==> flow/design.v <==
module gen_add #(
    parameter integer XLEN = 40
) (
    input wire i_clk,
    input wire nrst,
    input wire [XLEN-1:0] da,
    input wire [XLEN-1:0] db,
    input wire cy_in,
    output reg [XLEN-1:0] sum,
    output reg carry
);
    wire [XLEN-1:0] cur;
    wire [XLEN:0] cc;
    assign cc[0] = cy_in;
    genvar g;
    generate
        for (g = 0; g < XLEN; g = g + 1) begin : u_g
            assign cur[g] = da[g] ^ db[g] ^ cc[g];
            assign cc[g+1] = (da[g] & db[g]) | (cc[g] & (da[g] ^ db[g]));
        end
    endgenerate
    always @(posedge i_clk or negedge nrst) begin
        if (!nrst) begin
            sum <= 0;
        end else begin
            sum <= cur;
        end
    end
    always @(posedge i_clk or negedge nrst) begin
        if (!nrst) begin
            carry <= 1'b0;
        end else begin
            carry <= cc[XLEN];
        end
    end
endmodule
### From RTL to reports: gen_add

Tool output for the design above, in the order of the flow.
Lines are those of the file above, counted from 1.
Cell names lack the library's common part.
A cell with n/a has no value.

| set-up | value |
|---|---|
| top | gen_add |
| clock port | i_clk |
| standard-cell library | sky130hd |
| corner | tt_025C_1v80 |

### Word-level counts

Source: Yosys, flattened and elaborated, memories not mapped. Widths are those after wreduce; folded enables and synchronous resets count as part of the registers. Registers that Yosys merges into a memory's read port (data or address) are not register bits. Print and check cells do not count. Equal cells are merged and count once.

| bit counts | value |
|---|---|
| bits of input ports | 83 |
| output and inout port bits | 41 |
| cells after elaboration | 202 |
| flip-flop bits (word level) | 41 |

| operators by class | value |
|---|---|
| bitwise gates (word level) | 200 |

Operators with widths:

| kind | count |
|---|---|
| 1-bit AND | 80 |
| 1-bit bitwise XOR | 80 |
| 1-bit bitwise OR | 40 |

### Logic depth

Yosys ltp: most cells in a row. Word level: on the elaborated netlist, between registers, memories and ports. Mapped: between sequential cells and ports; inverters and the memories' decode and read muxes count.

| depth | value |
|---|---|
| word-level depth | 81 |
| ABC_AREA | 1 |
| mapped depth | 44 |
| mapped depth without buffers | 44 |

### After synthesis

Yosys stat after the flow's synthesis: flattened, memories mapped to cells. It holds for the ABC_AREA given above (unset counts as 0); a run with the other value may have another netlist.

| synthesis totals | value |
|---|---|
| buffer cells | 0 |
| synthesis area | 1864.3 sq um |
| flip-flop cells | 41 |
| standard cells after synthesis | 91 |
| sequential area | 1026.0 sq um |

Cells by type:

| cell | count | total area (sq um) |
|---|---|---|
| dfrtp_1 | 41 | 1.03E+03 |
| fa_1 | 40 | 800.768 |
| inv_1 | 10 | 37.536 |

### Path before layout

Path of least setup slack by OpenSTA after synthesis, without wires, with an ideal clock, recovery checks aside; 20% of the period is set as input and as output delay. Where synthesis merged equal registers, the netlist keeps one of their names.

| timing path after synthesis | value |
|---|---|
| path type | input -> register |
| start point | input da[0] |
| end point | register sum[39] |
| input delay | 4.760 ns |
| launch time at the first pin | 4.760 ns |
| data required time | 23.736 ns |
| clock period | 23.8 ns |
| driving pins on the path | 44 |
| delay of the path | 15.241 ns |
| slack | 3.799 ns |
| library setup time | 0.064 ns |
| path buffers | 0 |
| arrival time | 19.937 ns |
| synthesis period reached | 20.001 ns |

"delay of the path" is the arrival time less input delay plus setup time.
"driving pins on the path": output pins that drive a net of the path, with the launching flip-flop's if there is one; two outputs of one cell count as two.
"synthesis period reached" = period - worst setup slack (recovery checks aside). The figure is calculated, with input and output delays left at 20% of the set period.
The rows between start and end are the longest chain of elaborated cells between them; the timing report does not say that the signal goes this way. Where chains are equally long, one stands for them.
A line is the first line of the expression or statement that the cell stems from. Yosys adds cells for indexed reads and writes and turns some case tables into memories.

| on the way, after synthesis | value |
|---|---|
| cell sequence | fa_1 fa_1 fa_1 fa_1 fa_1 fa_1 fa_1 fa_1 fa_1 fa_1 fa_1 fa_1 fa_1 fa_1 fa_1 fa_1 fa_1 fa_1 [... 8 more ...] fa_1 fa_1 fa_1 fa_1 fa_1 fa_1 fa_1 fa_1 fa_1 fa_1 fa_1 inv_1 fa_1 inv_1 fa_1 inv_1 fa_1 inv_1 |
| length of the longest elaborated chain | 80 |
| elaborated cells between the ends (all ways) | 81 |
| those cells by class | logic (81) |

Ends and longest elaborated chain, after synthesis:

| item | line | source |
|---|---|---|
| start, declared | 6 | `input wire [XLEN-1:0] da,` |
| 1-bit bitwise XOR | 19 | `assign cc[g+1] = (da[g] & db[g]) \| (cc[g] & (da[g] ^ db[g]));` |
| 1-bit AND | 19 |  |
| 1-bit bitwise OR | 19 |  |
| 1-bit AND | 19 |  |
| 1-bit bitwise OR | 19 |  |
| 1-bit AND | 19 |  |
| 1-bit bitwise OR | 19 |  |
| [... 66 more ...] | n/a |  |
| 1-bit AND | 19 |  |
| 1-bit bitwise OR | 19 |  |
| 1-bit AND | 19 |  |
| 1-bit bitwise OR | 19 |  |
| 1-bit AND | 19 |  |
| 1-bit bitwise OR | 19 |  |
| 1-bit bitwise XOR | 18 | `assign cur[g] = da[g] ^ db[g] ^ cc[g];` |
| end, assigned | 24 | `sum <= 0;` |
| end, assigned | 26 | `sum <= cur;` |
| end, declared | 9 | `output reg [XLEN-1:0] sum,` |

### Path in the finished layout

From the final timing report of stored run 1: the path of least setup slack in the routed layout; clock arrival at registers is part of the times.

| timing path after layout | value |
|---|---|
| path type | input -> register |
| start point | input da[0] |
| end point | register sum[39] |
| clock period | 21.2 ns |
| launch time at the first pin | 4.24 ns |
| path buffers | 1 |
| library setup time | 0.06 ns |
| input delay | 4.24 ns |
| slack | 2.80 ns |
| arrival time | 18.62 ns |
| data required time | 21.42 ns |
| driving pins on the path | 45 |

The rows between start and end are the longest chain of elaborated cells between them; the timing report does not say that the signal goes this way. Where chains are equally long, one stands for them.

| on the way, after layout | value |
|---|---|
| cell sequence | buf_6 fa_2 fa_2 fa_2 fa_2 fa_2 fa_2 fa_2 fa_2 fa_2 fa_2 fa_2 fa_2 fa_2 fa_2 fa_2 fa_2 fa_2 [... 9 more ...] fa_2 fa_2 fa_2 fa_2 fa_2 fa_2 fa_2 fa_2 fa_2 fa_2 fa_2 inv_2 fa_2 inv_2 fa_2 inv_2 fa_2 inv_1 |
| length of the longest elaborated chain | 80 |
| elaborated cells between the ends (all ways) | 81 |
| those cells by class | logic (81) |

Ends and longest elaborated chain, after layout:

| item | line | source |
|---|---|---|
| start, declared | 6 | `input wire [XLEN-1:0] da,` |
| 1-bit bitwise XOR | 19 | `assign cc[g+1] = (da[g] & db[g]) \| (cc[g] & (da[g] ^ db[g]));` |
| 1-bit AND | 19 |  |
| 1-bit bitwise OR | 19 |  |
| 1-bit AND | 19 |  |
| 1-bit bitwise OR | 19 |  |
| 1-bit AND | 19 |  |
| 1-bit bitwise OR | 19 |  |
| [... 66 more ...] | n/a |  |
| 1-bit AND | 19 |  |
| 1-bit bitwise OR | 19 |  |
| 1-bit AND | 19 |  |
| 1-bit bitwise OR | 19 |  |
| 1-bit AND | 19 |  |
| 1-bit bitwise OR | 19 |  |
| 1-bit bitwise XOR | 18 | `assign cur[g] = da[g] ^ db[g] ^ cc[g];` |
| end, assigned | 24 | `sum <= 0;` |
| end, assigned | 26 | `sum <= cur;` |
| end, declared | 9 | `output reg [XLEN-1:0] sum,` |

==> results <==
Measured results for gen_add: 3 stored runs of the Yosys and OpenROAD flow on sky130hd. The settings differ; the order carries no meaning. The constraints put input and output delay at 20% of the set period each and load the outputs with 0.01 pF.
"critical setup path time": the worst setup path's part of the clock period (all of it between registers, 20% less for each end at a port) less its slack. A launch clock that arrives late makes it longer, a capture clock that arrives late makes it shorter.
A setting shown as - is not set for that run.
A result given as - is not shown for that run.

| item | stored run 1 | stored run 2 | stored run 3 |
|---|---|---|---|
| period_ns | 21.2 | 17.1 | 23.8 |
| CORE_UTILIZATION | 19 | 56 | 40 |
| SETUP_SLACK_MARGIN | 3.5 | 0.91 | - |
| PLACE_DENSITY_LB_ADDON | 0.26 | 0.27 | - |
| CORE_ASPECT_RATIO | 0.53 | - | - |
| CORE_MARGIN | 2 | 2 | 2 |
| CELL_PAD_IN_SITES_DETAIL_PLACEMENT | 2 | - | - |
| TNS_END_PERCENT | 90 | - | - |
| ABC_AREA | 1 | - | - |
| GPL_TIMING_DRIVEN | 1 | - | - |
| CAP_MARGIN | 20 | 0 | 20 |
| MAX_ROUTING_LAYER | met4 | - | - |
| SLEW_MARGIN | 20 | 20 | 20 |
| CELL_PAD_IN_SITES_GLOBAL_PLACEMENT | - | 1 | - |
| GPL_ROUTABILITY_DRIVEN | - | 1 | - |
| MIN_ROUTING_LAYER | - | met1 | - |
| standard-cell area after routing (sq um) | 3478.3 | - | 3241.9 |
| worst setup slack after layout (ns) | 2.801 | - | 3.101 |
| Yosys chip area after synthesis (sq um) | 1864.3 | - | 1864.3 |
| critical setup path time (ns) | 14.16 | - | 15.94 |
| type of the worst setup path | input -> register | - | input -> register |
| post-route utilization (%) | 36.2 | - | 73.4 |
| die outline area (sq um) | 10661.0 | - | 5222.9 |
| setup TNS (ns) | 0.000 | - | 0.000 |

Stored run 2: did not finish, placement stopped with FLW-0024
